==> flow/design.v <==
module dp_times_v2 (core_clk, RSTN, clk_en, dataa_i, datab_i, clear_i, res_o, vld_o);
  parameter integer XLEN = 7;
  input core_clk;
  input RSTN;
  input clk_en;
  input [XLEN-1:0] dataa_i;
  input [XLEN-1:0] datab_i;
  input clear_i;
  output [2*XLEN-1:0] res_o;
  output vld_o;
  localparam LOGN = $clog2(XLEN + 1);
  reg [XLEN-1:0] mcand;
  always @(posedge core_clk or negedge RSTN) begin
    if (~RSTN) begin
      mcand <= 0;
    end else if (clk_en) begin
      mcand <= clear_i ? dataa_i : mcand;
    end
  end
  reg [LOGN-1:0] steps;
  always @(posedge core_clk or negedge RSTN) begin
    if (~RSTN) begin
      steps <= 0;
    end else if (clk_en) begin
      steps <= clear_i ? XLEN : (steps != 0) ? steps - 1'b1 : steps;
    end
  end
  reg [2*XLEN-1:0] state;
  wire [XLEN:0] nxt;
  assign nxt = state[2*XLEN-1:XLEN] + (state[0] ? mcand : {XLEN{1'b0}});
  always @(posedge core_clk or negedge RSTN) begin
    if (~RSTN) begin
      state <= 0;
    end else if (clk_en) begin
      state <= clear_i ? {{XLEN{1'b0}}, datab_i} : (steps != 0) ? {nxt, state[XLEN-1:1]} : state;
    end
  end
  assign res_o = state;
  assign vld_o = (steps == 0);
endmodule
# Reports on dp_times_v2
# What the tools print for dp_times_v2, step after step.
# Line numbers count from 1 in the design file above.
# Cell names lack the library's common part.
# A cell with - has no value.
dict set report setup {
  top {dp_times_v2}
  clock {core_clk}
  library {sky130hd}
  pvt_corner {tt_025C_1v80}
}

# After elaboration
# Counts by Yosys on the flattened word-level netlist (proc, flatten, opt, wreduce; memories kept). Register bits leave out memories and registers merged into their read ports (data or address). Print and check cells are left out. Cells with the same type and inputs are merged into one.
dict set report word_totals {
  ff_bits 24
  latchBits 0
  ramBits 0
  mem_bits_ro 0
  clocked_rd_ports_x_width 0
  memories 0
  inputBits 18
  output_inout_bits 15
  elab_cells 15
}
dict set report op_classes {
  n_addsub 2
  mul 0
  n_div 0
  cmp 0
  equal 0
  n_shift 0
  muxes 5
  bitwise 0
  n_reduce_logical 5
}
# cell count
set op_table {}
lappend op_table {{14-bit two-way mux} 2}
lappend op_table {{7-bit by 7-bit adder with 8-bit output} 1}
lappend op_table {{7-bit two-way mux} 1}
lappend op_table {{3-bit two-way mux} 2}
lappend op_table {{2-bit AND reduction} 2}
lappend op_table {{3-bit by 1-bit subtractor with 3-bit output (second input constant)} 1}
lappend op_table {{3-bit logical NOT} 1}
lappend op_table {{3-bit nonzero test} 1}
lappend op_table {{2-bit nonzero test} 1}

# Longest topological paths
# Depth = most cells in a row (Yosys ltp): at word level without a register or memory, in the mapped netlist without a sequential cell, where the memories' decode and read muxes count.
dict set report depth {
  depth_word 4
  abc_area 0
  ltp_mapped 7
  mapped_depth_nobuf 7
}

# Synthesis result
# Yosys stat after the flow's synthesis: flattened, memories mapped to cells. It holds for the ABC_AREA given above (unset counts as 0); a run with the other value may have another netlist.
# The area totals of this step are shown rounded.
dict set report synth_totals {
  stdcells 124
  synth_area_um2 1340
  seqArea_um2 601
  ff_cells 24
  buffers 3
}
# type count area_total_um2
set types {}
lappend types {dfrtp_1 24 600.576}
lappend types {ha_1 9 112.608}
lappend types {mux2_2 7 78.826}
lappend types {mux2i_1 7 70.067}
lappend types {nand2_1 14 52.55}
lappend types {o21ai_0 10 50.048}
lappend types {a22o_1 5 43.792}
lappend types {and2_1 7 43.792}
lappend types {inv_1 8 30.029}
lappend types {nand3_1 6 30.029}
lappend types {xor2_1 3 26.275}
lappend types {a22oi_1 3 22.522}
lappend types {fa_1 1 20.019}
lappend types {xnor2_1 2 17.517}
lappend types {nor3_4 1 16.266}
lappend types {a21oi_1 3 15.014}
lappend types {o2111ai_2 1 15.014}
lappend types {o21bai_1 2 15.014}
# Other cell types: 10; their cells: 11.

# Timing after synthesis
# OpenSTA on the mapped netlist: ideal clock, no wires. The path of least setup slack (recovery checks aside). Input and output delay are each 20% of the period. Register names are those of the netlist, which keeps one name where synthesis merged equal registers.
dict set report synth_path {
  path_kind {reg2reg}
  start {register state[0]}
  end {register state[12]}
  tclk_ns 2.45
  setup_time_ns 0.121
  t_first_pin_ns 0.000
  t_arrival_ns 1.836
  t_required_ns 2.329
  setup_slack_ns 0.493
  delay_ns 1.957
  driving_pins 8
  path_buffers 0
  period_less_setup_slack_ns 1.957
}
# "delay_ns" is the arrival time less input delay plus setup time.
# "driving_pins": output pins that drive a net of the path, with the launching flip-flop's if there is one; two outputs of one cell count as two.
# "period_less_setup_slack_ns" is the clock period less the worst setup slack; recovery checks do not enter. This is arithmetic on one report: input and output delays are still those of the set period (20% each).
# Between the ends stands the longest chain of elaborated cells between them, by number of cells; it is not shown to be the way that was timed. Of several equally long chains one is given.
# A line is the first line of the expression or statement that the cell stems from. Yosys adds cells for indexed reads and writes and turns some case tables into memories.
dict set report synth_via {
  path_cell_list {dfrtp_1 -> and2_1 -> ha_1 -> fa_1 -> a21oi_1 -> o2111ai_1 -> xor2_1 -> a22o_1}
  elab_chain_len 4
  cells_between 4
  lines_between 2
  cone_classes {1 x add/sub; 3 x mux}
}
# item line_no
set synth_lines {}
lappend synth_lines {{start, declared} 28} ;# reg [2*XLEN-1:0] state;
lappend synth_lines {{start, assigned} 33} ;# state <= 0;
lappend synth_lines {{start, assigned} 35} ;# state <= clear_i ? {{XLEN{1'b0}}, datab_i} : (steps != 0) ? {nxt, state[XLEN-1:1]} : state;
lappend synth_lines {{7-bit two-way mux} 30} ;# assign nxt = state[2*XLEN-1:XLEN] + (state[0] ? mcand : {XLEN{1'b0}});
lappend synth_lines {{7-bit by 7-bit adder with 8-bit output} 30}
lappend synth_lines {{14-bit two-way mux x2} 35}
lappend synth_lines {{end, assigned} 33}
lappend synth_lines {{end, assigned} 35}
lappend synth_lines {{end, declared} 28}

# Worst path after layout
# From the final timing report of run A: the path of least setup slack in the routed layout; clock arrival at registers is part of the times.
dict set report layout_path {
  path_kind {reg2out}
  start {register steps[0]}
  end {output port vld_o}
  tclk_ns 2.45
  out_delay_ns 0.49
  t_first_pin_ns 0.31
  t_arrival_ns 1.79
  t_required_ns 1.96
  setup_slack_ns 0.17
  driving_pins 6
  path_buffers 1
}
# Between the ends stands the longest chain of elaborated cells between them, by number of cells; it is not shown to be the way that was timed. Of several equally long chains one is given.
dict set report layout_via {
  path_cell_list {dfrtp_1 -> inv_1 -> ha_1 -> nand2b_4 -> inv_1 -> clkdlybuf4s50_1}
  elab_chain_len 1
  cells_between 1
  lines_between 1
  cone_classes {1 x reduce/logical}
}
# item line_no
set layout_lines {}
lappend layout_lines {{start, declared} 20} ;# reg [LOGN-1:0] steps;
lappend layout_lines {{start, assigned} 23} ;# steps <= 0;
lappend layout_lines {{start, assigned} 25} ;# steps <= clear_i ? XLEN : (steps != 0) ? steps - 1'b1 : steps;
lappend layout_lines {{3-bit logical NOT} 39} ;# assign vld_o = (steps == 0);
lappend layout_lines {{end, declared} 10} ;# output vld_o;

Lab notebook: dp_times_v2

Measured results for dp_times_v2: 3 stored runs of the Yosys and OpenROAD flow on sky130hd. The settings differ; the order carries no meaning. The constraints put input and output delay at 20% of the set period each and load the outputs with 0.01 pF.
"period_reached_ns" means the clock period less the worst setup slack. The figure is calculated, with input and output delays left at 20% of the set period.
"worst_path_allowed_less_slack_ns": the worst setup path's part of the clock period (all of it between registers, 20% less for each end at a port) less its slack. A launch clock that arrives late makes it longer, a capture clock that arrives late makes it shorter.
"total_power_mw" rests on the timing tool's default activity at the inputs, not on a simulated workload.
Values from the reports are rounded here.

[flow] run A: files
==> flow/run.sh <==
#!/bin/bash
# the make line also repeats the synthesis and layout settings of config.mk as NAME=value (left out here)
make -C /OpenROAD-flow-scripts/flow DESIGN_CONFIG=/design/flow/config.mk WORK_HOME=/design/flow/orfs CLKGATE_MAP_FILE= finish
==> flow/config.mk <==
export PLATFORM = sky130hd
export DESIGN_NAME = dp_times_v2
export DESIGN_NICKNAME = dp_times_v2
export VERILOG_FILES = /design/flow/design.v
export SDC_FILE = /design/flow/constraint.sdc
export NUM_CORES = 4
export LEC_CHECK = 0
export CAP_MARGIN = 20
export CORE_MARGIN = 2
export CORE_UTILIZATION = 40
export SLEW_MARGIN = 20
==> flow/constraint.sdc <==
create_clock -name core_clock -period 2.45 [get_ports {core_clk}]
set_input_delay 0.4900 -clock core_clock [delete_from_list [all_inputs] [get_ports {core_clk}]]
set_output_delay 0.4900 -clock core_clock [all_outputs]
set_load 0.01 [all_outputs]

[flow] run A: metrics
[metrics] total_power_mw = 0.986
[metrics] ys_area_um2 = 1340
[metrics] die_footprint_um2 = 3820
[metrics] worst_path_allowed_less_slack_ns = 1.79
[metrics] critical_path_type = reg2out
[metrics] period_reached_ns = 2.278
[metrics] util_pct = 55.6
[metrics] worst_setup_slack_ns = 0.172
[metrics] ws_hold_ns = 0.513
[metrics] layout_stdcell_area_um2 = 1740
[metrics] timing.setup.tns_ns = 0.000

[flow] run B: files
==> flow/run.sh <==
#!/bin/bash
# the make line also repeats the synthesis and layout settings of config.mk as NAME=value (left out here)
make -C /OpenROAD-flow-scripts/flow DESIGN_CONFIG=/design/flow/config.mk WORK_HOME=/design/flow/orfs CLKGATE_MAP_FILE= finish
==> flow/config.mk <==
export PLATFORM = sky130hd
export DESIGN_NAME = dp_times_v2
export DESIGN_NICKNAME = dp_times_v2
export VERILOG_FILES = /design/flow/design.v
export SDC_FILE = /design/flow/constraint.sdc
export NUM_CORES = 4
export LEC_CHECK = 0
export CAP_MARGIN = 20
export CELL_PAD_IN_SITES_GLOBAL_PLACEMENT = 0
export CORE_ASPECT_RATIO = 0.56
export CORE_MARGIN = 2
export CORE_UTILIZATION = 70
export CTS_CLUSTER_DIAMETER = 161
export GPL_ROUTABILITY_DRIVEN = 0
export GPL_TIMING_DRIVEN = 0
export MIN_ROUTING_LAYER = met1
export PLACE_DENSITY_LB_ADDON = 0.07
export SETUP_SLACK_MARGIN = 0.26
export SLEW_MARGIN = 40
==> flow/constraint.sdc <==
create_clock -name core_clock -period 3.54 [get_ports {core_clk}]
set_input_delay 0.7080 -clock core_clock [delete_from_list [all_inputs] [get_ports {core_clk}]]
set_output_delay 0.7080 -clock core_clock [all_outputs]
set_load 0.01 [all_outputs]

[flow] run B: no results, placement failed with FLW-0024

[flow] run C: files
==> flow/run.sh <==
#!/bin/bash
# the make line also repeats the synthesis and layout settings of config.mk as NAME=value (left out here)
make -C /OpenROAD-flow-scripts/flow DESIGN_CONFIG=/design/flow/config.mk WORK_HOME=/design/flow/orfs CLKGATE_MAP_FILE= finish
==> flow/config.mk <==
export PLATFORM = sky130hd
export DESIGN_NAME = dp_times_v2
export DESIGN_NICKNAME = dp_times_v2
export VERILOG_FILES = /design/flow/design.v
export SDC_FILE = /design/flow/constraint.sdc
export NUM_CORES = 4
export LEC_CHECK = 0
export CAP_MARGIN = 0
export CELL_PAD_IN_SITES_DETAIL_PLACEMENT = 1
export CELL_PAD_IN_SITES_GLOBAL_PLACEMENT = 1
export CORE_MARGIN = 2
export CORE_UTILIZATION = 59
export GPL_TIMING_DRIVEN = 0
export PLACE_DENSITY_LB_ADDON = 0.26
export SETUP_SLACK_MARGIN = 0.17
export SLEW_MARGIN = 20
==> flow/constraint.sdc <==
create_clock -name core_clock -period 1.28 [get_ports {core_clk}]
set_input_delay 0.2560 -clock core_clock [delete_from_list [all_inputs] [get_ports {core_clk}]]
set_output_delay 0.2560 -clock core_clock [all_outputs]
set_load 0.01 [all_outputs]

[flow] run C: no results, placement failed with FLW-0024
